==> flow/design.v <==
module mul_unit #(
    parameter BITS = 22
) (
    input  wire clk,
    input  wire resetn,
    input  wire [BITS-1:0] a_in,
    input  wire [BITS-1:0] b_in,
    output wire [2*BITS-1:0] p_out
);
    reg [BITS-1:0] a_ff;
    reg [BITS-1:0] b_ff;
    always @(posedge clk) begin
        if (~resetn) begin
            a_ff <= 0;
            b_ff <= 0;
        end else begin
            a_ff <= a_in;
            b_ff <= b_in;
        end
    end
    localparam H = BITS / 2;
    wire [BITS-1:0] ll;
    half_mul #(.N(H)) u (.a(a_ff[H-1:0]), .b(b_ff[H-1:0]), .p(ll));
    wire [BITS-1:0] lh;
    half_mul #(.N(H)) el (.a(a_ff[H-1:0]), .b(b_ff[BITS-1:H]), .p(lh));
    wire [BITS-1:0] hl;
    half_mul #(.N(H)) i_sub (.a(a_ff[BITS-1:H]), .b(b_ff[H-1:0]), .p(hl));
    wire [BITS-1:0] hh;
    half_mul #(.N(H)) u0 (.a(a_ff[BITS-1:H]), .b(b_ff[BITS-1:H]), .p(hh));
    wire [BITS:0] aux = lh + hl;
    reg [2*BITS-1:0] p_ff;
    always @(posedge clk) begin
        if (~resetn) begin
            p_ff <= 0;
        end else begin
            p_ff <= {hh, ll} + {aux, {H{1'b0}}};
        end
    end
    assign p_out = p_ff;
endmodule
module half_mul #(parameter N = 4) (
    input wire [N-1:0] a,
    input wire [N-1:0] b,
    output wire [2*N-1:0] p
);
    assign p = a * b;
endmodule
Reports on mul_unit
What the tools print for mul_unit, step after step.
Line numbers count from 1 in the design file above.
Operators: Yosys type, input widths -> output width; for muxes data width and select width s.
Cell names lack the library's common part.
The mark n/a stands for no value.
Inputs
  design top: mul_unit
  clock: clk
  cell library: sky130hd
  timing corner: tt_025C_1v80

Word level
Counts by Yosys on the flattened word-level netlist (proc, flatten, opt, wreduce; memories kept). Register bits leave out memories and registers merged into their read ports (data or address); mux counts leave out enables and synchronous resets folded into registers. Print and check cells are left out. Cells with the same type and inputs are merged into one.
Bit counts
  register bits: 88
  input bits: 46
  output and inout port bits: 44
  elaborated cells: 9
Operators by class
  add/subtract/negate cells: 2
  $mul: 4
Operators by type and width (count)
  $mul 11x11->22: 4
  $add 44x34->44: 1
  $add 22x22->23: 1

Longest topological paths
Yosys ltp: most cells in a row. Word level: on the elaborated netlist, between registers, memories and ports. Mapped: between sequential cells and ports; inverters and the memories' decode and read muxes count.
Logic depth
  word-level depth: 3
  ABC_AREA: 0
  depth in mapped cells: 33
  gate-level depth less buffers: 32

Synthesis result
The flow's flattened synthesis, as Yosys stat reports it; memories are mapped. The netlist is that of the ABC_AREA named above (0 if unset); the other value can give another one.
Cells by type
  fa_1: count 360, total area 7.21E+03 um2
  ha_1: count 255, total area 3190.56 um2
  and2_1: count 296, total area 1.85E+03 um2
  dfxtp_1: count 88, total area 1761.69 um2
  inv_1: count 451, total area 1.69E+03 um2
  nand2_1: count 277, total area 1.04E+03 um2
  xnor2_1: count 45, total area 394.128 um2
  clkbuf_1: count 96, total area 360.346 um2
  a21oi_1: count 55, total area 275.264 um2
  nor2_1: count 68, total area 255.245 um2
  xor2_1: count 22, total area 192.685 um2
  a21o_1: count 22, total area 165.158 um2
  o21ai_0: count 23, total area 115.11 um2
  a211oi_1: count 12, total area 90.086 um2
  nand3_1: count 17, total area 85.082 um2
  o21bai_1: count 11, total area 82.579 um2
  nor2b_1: count 12, total area 75.072 um2
  nor3_1: count 15, total area 75.072 um2
Other cell types: 55; their cells: 125.
Synthesis totals
  cells in the netlist: 2250
  cell area after synthesis: 19970.4 um2
  area of sequential cells: 1761.7 um2
  flip-flops: 88
  buffers: 104
The figures by module come from a second, unflattened synthesis with its own total; it is not the netlist above.
Unflattened totals
  cells (unflattened synthesis): 2466
  area (unflattened synthesis): 21265.4 um2
Rows give one instance, submodules left out.
By module
  half_mul (N=11): instances 4, cells 485, area 4134.0 um2, sequential area 0.0 um2
  mul_unit: instances 1, cells 526, area 4729.5 um2, sequential area 1761.7 um2

Worst setup path after synthesis
Source: OpenSTA report_checks on the synthesized netlist (no wires, ideal clock, input and output delay 20% of the period each), path of least setup slack; recovery checks are left aside. Register names are those of the netlist, which keeps one name where synthesis merged equal registers.
Timing path after synthesis
  path type: register to register
  from: reg b_ff[2]
  to: reg p_ff[40]
  clock period: 9.59 ns
  setup time: 0.071 ns
  launch time at the first pin: 0.000 ns
  arrival time: 7.599 ns
  required time: 9.519 ns
  path slack: 1.920 ns
  delay of the path: 7.670 ns
  stages: 30
  path buffers: 1
  period reached after synthesis: 7.67 ns
"delay of the path" = arrival - input delay + setup time.
"stages": output pins that drive a net of the path, with the launching flip-flop's if there is one; two outputs of one cell count as two.
"period reached after synthesis" = period - worst setup slack (recovery checks aside). The figure is calculated, with input and output delays left at 20% of the set period.
Between the ends stands the longest chain of elaborated cells between them, by number of cells; it is not shown to be the way that was timed. Of several equally long chains one is given.
Each line given opens the expression or statement behind the cell; cells for indexed reads and writes are added by Yosys, which also makes memories of some case tables.
Between the ends, after synthesis
  path through: dfxtp_1 > clkbuf_1 > nand2_1 > fa_1 > inv_1 > fa_1 > inv_1 > fa_1 > inv_1 > fa_1 > fa_1 > fa_1 > fa_1 > ha_1 > a21o_1 > a21oi_1 > o21ai_0 > or3_1 > o221ai_1 > a21oi_1 > a21oi_1 > xnor2_1 > ha_1 > and3_1 > a221oi_1 > o21ai_0 > a21oi_1 > o21a_1 > or4_1 > a21oi_1
  cells in the longest elaborated chain: 3
  elaborated cells between the ends (all ways): 4
  source lines of those cells: 3
  classes of those cells: add/sub: 2; mul: 2
Ends and longest elaborated chain, after synthesis
  start: declaration: line 11  | reg [BITS-1:0] b_ff;
  start: assignment: line 15  | b_ff <= 0;
  start: assignment: line 18  | b_ff <= b_in;
  $mul 11x11->22: line 46  | assign p = a * b;
  $add 22x22->23: line 30  | wire [BITS:0] aux = lh + hl;
  $add 44x34->44: line 36  | p_ff <= {hh, ll} + {aux, {H{1'b0}}};
  end: assignment: line 34  | p_ff <= 0;
  end: assignment: line 36
  end: declaration: line 31  | reg [2*BITS-1:0] p_ff;

Path in the finished layout
From the final timing report of entry A: the path of least setup slack in the routed layout; clock arrival at registers is part of the times.
Timing path after layout
  path type: register to register
  from: reg b_ff[18]
  to: reg p_ff[40]
  clock period: 9.59 ns
  setup time: 0.07 ns
  launch time at the first pin: 0.39 ns
  arrival time: 9.32 ns
  required time: 9.91 ns
  path slack: 0.60 ns
  stages: 29
  path buffers: 0
Between the ends stands the longest chain of elaborated cells between them, by number of cells; it is not shown to be the way that was timed. Of several equally long chains one is given.
Between the ends, after layout
  path through: dfxtp_1 > nand2_1 > fa_1 > fa_1 > fa_1 > inv_1 > fa_1 > fa_1 > fa_1 > inv_1 > fa_1 > inv_1 > ha_1 > and4_1 > nand3_1 > nor3_1 > nand3b_1 > o221ai_1 > a21oi_1 > a21oi_1 > xnor2_1 > ha_1 > and3_1 > a221oi_1 > o21ai_0 > a21oi_1 > o21a_1 > or4_1 > a21oi_1
  cells in the longest elaborated chain: 3
  elaborated cells between the ends (all ways): 4
  source lines of those cells: 3
  classes of those cells: add/sub: 2; mul: 2
Ends and longest elaborated chain, after layout
  start: declaration: line 11  | reg [BITS-1:0] b_ff;
  start: assignment: line 15  | b_ff <= 0;
  start: assignment: line 18  | b_ff <= b_in;
  $mul 11x11->22: line 46  | assign p = a * b;
  $add 22x22->23: line 30  | wire [BITS:0] aux = lh + hl;
  $add 44x34->44: line 36  | p_ff <= {hh, ll} + {aux, {H{1'b0}}};
  end: assignment: line 34  | p_ff <= 0;
  end: assignment: line 36
  end: declaration: line 31  | reg [2*BITS-1:0] p_ff;

--- measured runs ---
Module mul_unit, platform sky130hd: 3 stored runs of the flow (Yosys, OpenROAD) with differing settings, in no particular order. Input and output delays are each 20% of the period that was set; the output load is 0.01 pF.
"achieved clock period (ns)" means the clock period less the worst setup slack. The figure is calculated, with input and output delays left at 20% of the set period.
"worst setup path time (ns)" means the part of the period allowed to the worst setup path (the constraints hold back 20% at inputs and 20% at outputs) less its slack; where the path has registers, the arrival times of their clocks count too.
"finish__power__total": no workload was simulated; the value follows from the tool's default switching activity.

Flow files of entry A
==> flow/run.sh <==
#!/bin/bash
# the make line also repeats the synthesis and layout settings of config.mk as NAME=value (left out here)
make -C /OpenROAD-flow-scripts/flow DESIGN_CONFIG=/design/flow/config.mk WORK_HOME=/design/flow/orfs CLKGATE_MAP_FILE= finish
==> flow/config.mk <==
export PLATFORM = sky130hd
export DESIGN_NAME = mul_unit
export DESIGN_NICKNAME = mul_unit
export VERILOG_FILES = /design/flow/design.v
export SDC_FILE = /design/flow/constraint.sdc
export NUM_CORES = 4
export LEC_CHECK = 0
export CAP_MARGIN = 20
export CORE_MARGIN = 2
export CORE_UTILIZATION = 40
export SLEW_MARGIN = 20
==> flow/constraint.sdc <==
create_clock -name core_clock -period 9.59 [get_ports {clk}]
set_input_delay 1.9180 -clock core_clock [delete_from_list [all_inputs] [get_ports {clk}]]
set_output_delay 1.9180 -clock core_clock [all_outputs]
set_load 0.01 [all_outputs]

report of entry A
yosys chip area after synthesis (um^2): 19970.4
finish__design__die__area: 51729.0
finish__design__instance__area__stdcell: 21932.3
finish__design__instance__utilization: 0.4462
finish__timing__setup__ws: 0.596
finish__timing__setup__tns: 0.000
finish__timing__hold__ws: 1.027
finish__power__total: 2.939e-03
achieved clock period (ns): 8.994
worst setup path time (ns): 8.99
worst setup path kind: register to register

Flow files of entry B
==> flow/run.sh <==
#!/bin/bash
# the make line also repeats the synthesis and layout settings of config.mk as NAME=value (left out here)
make -C /OpenROAD-flow-scripts/flow DESIGN_CONFIG=/design/flow/config.mk WORK_HOME=/design/flow/orfs CLKGATE_MAP_FILE= finish
==> flow/config.mk <==
export PLATFORM = sky130hd
export DESIGN_NAME = mul_unit
export DESIGN_NICKNAME = mul_unit
export VERILOG_FILES = /design/flow/design.v
export SDC_FILE = /design/flow/constraint.sdc
export NUM_CORES = 4
export LEC_CHECK = 0
export CAP_MARGIN = 0
export CELL_PAD_IN_SITES_DETAIL_PLACEMENT = 0
export CORE_MARGIN = 2
export CORE_UTILIZATION = 31
export CTS_CLUSTER_DIAMETER = 336
export CTS_CLUSTER_SIZE = 89
export GPL_TIMING_DRIVEN = 0
export MAX_ROUTING_LAYER = met4
export PLACE_DENSITY_LB_ADDON = 0.17
export SETUP_SLACK_MARGIN = 0.8
export SLEW_MARGIN = 35
==> flow/constraint.sdc <==
create_clock -name core_clock -period 9.69 [get_ports {clk}]
set_input_delay 1.9380 -clock core_clock [delete_from_list [all_inputs] [get_ports {clk}]]
set_output_delay 1.9380 -clock core_clock [all_outputs]
set_load 0.01 [all_outputs]

report of entry B
yosys chip area after synthesis (um^2): 19970.4
finish__design__die__area: 66466.0
finish__design__instance__area__stdcell: 22625.4
finish__design__instance__utilization: 0.3529
finish__timing__setup__ws: 1.070
finish__timing__setup__tns: 0.000
finish__timing__hold__ws: 0.549
finish__power__total: 3.061e-03
achieved clock period (ns): 8.620
worst setup path time (ns): 8.62
worst setup path kind: register to register

Flow files of entry C
==> flow/run.sh <==
#!/bin/bash
# the make line also repeats the synthesis and layout settings of config.mk as NAME=value (left out here)
make -C /OpenROAD-flow-scripts/flow DESIGN_CONFIG=/design/flow/config.mk WORK_HOME=/design/flow/orfs CLKGATE_MAP_FILE= finish
==> flow/config.mk <==
export PLATFORM = sky130hd
export DESIGN_NAME = mul_unit
export DESIGN_NICKNAME = mul_unit
export VERILOG_FILES = /design/flow/design.v
export SDC_FILE = /design/flow/constraint.sdc
export NUM_CORES = 4
export LEC_CHECK = 0
export ABC_AREA = 1
export CAP_MARGIN = 20
export CELL_PAD_IN_SITES_GLOBAL_PLACEMENT = 0
export CORE_ASPECT_RATIO = 0.73
export CORE_MARGIN = 2
export CORE_UTILIZATION = 21
export GPL_ROUTABILITY_DRIVEN = 1
export GPL_TIMING_DRIVEN = 0
export MIN_ROUTING_LAYER = met2
export SLEW_MARGIN = 35
export TNS_END_PERCENT = 75
==> flow/constraint.sdc <==
create_clock -name core_clock -period 5.16 [get_ports {clk}]
set_input_delay 1.0320 -clock core_clock [delete_from_list [all_inputs] [get_ports {clk}]]
set_output_delay 1.0320 -clock core_clock [all_outputs]
set_load 0.01 [all_outputs]

report of entry C
yosys chip area after synthesis (um^2): 20887.5
finish__design__die__area: 102035.0
finish__design__instance__area__stdcell: 28054.4
finish__design__instance__utilization: 0.2856
finish__timing__setup__ws: -2.262
finish__timing__setup__tns: -55.742
finish__timing__hold__ws: 0.587
finish__power__total: 8.909e-03
achieved clock period (ns): 7.422
worst setup path time (ns): 7.42
worst setup path kind: register to register
--- end ---
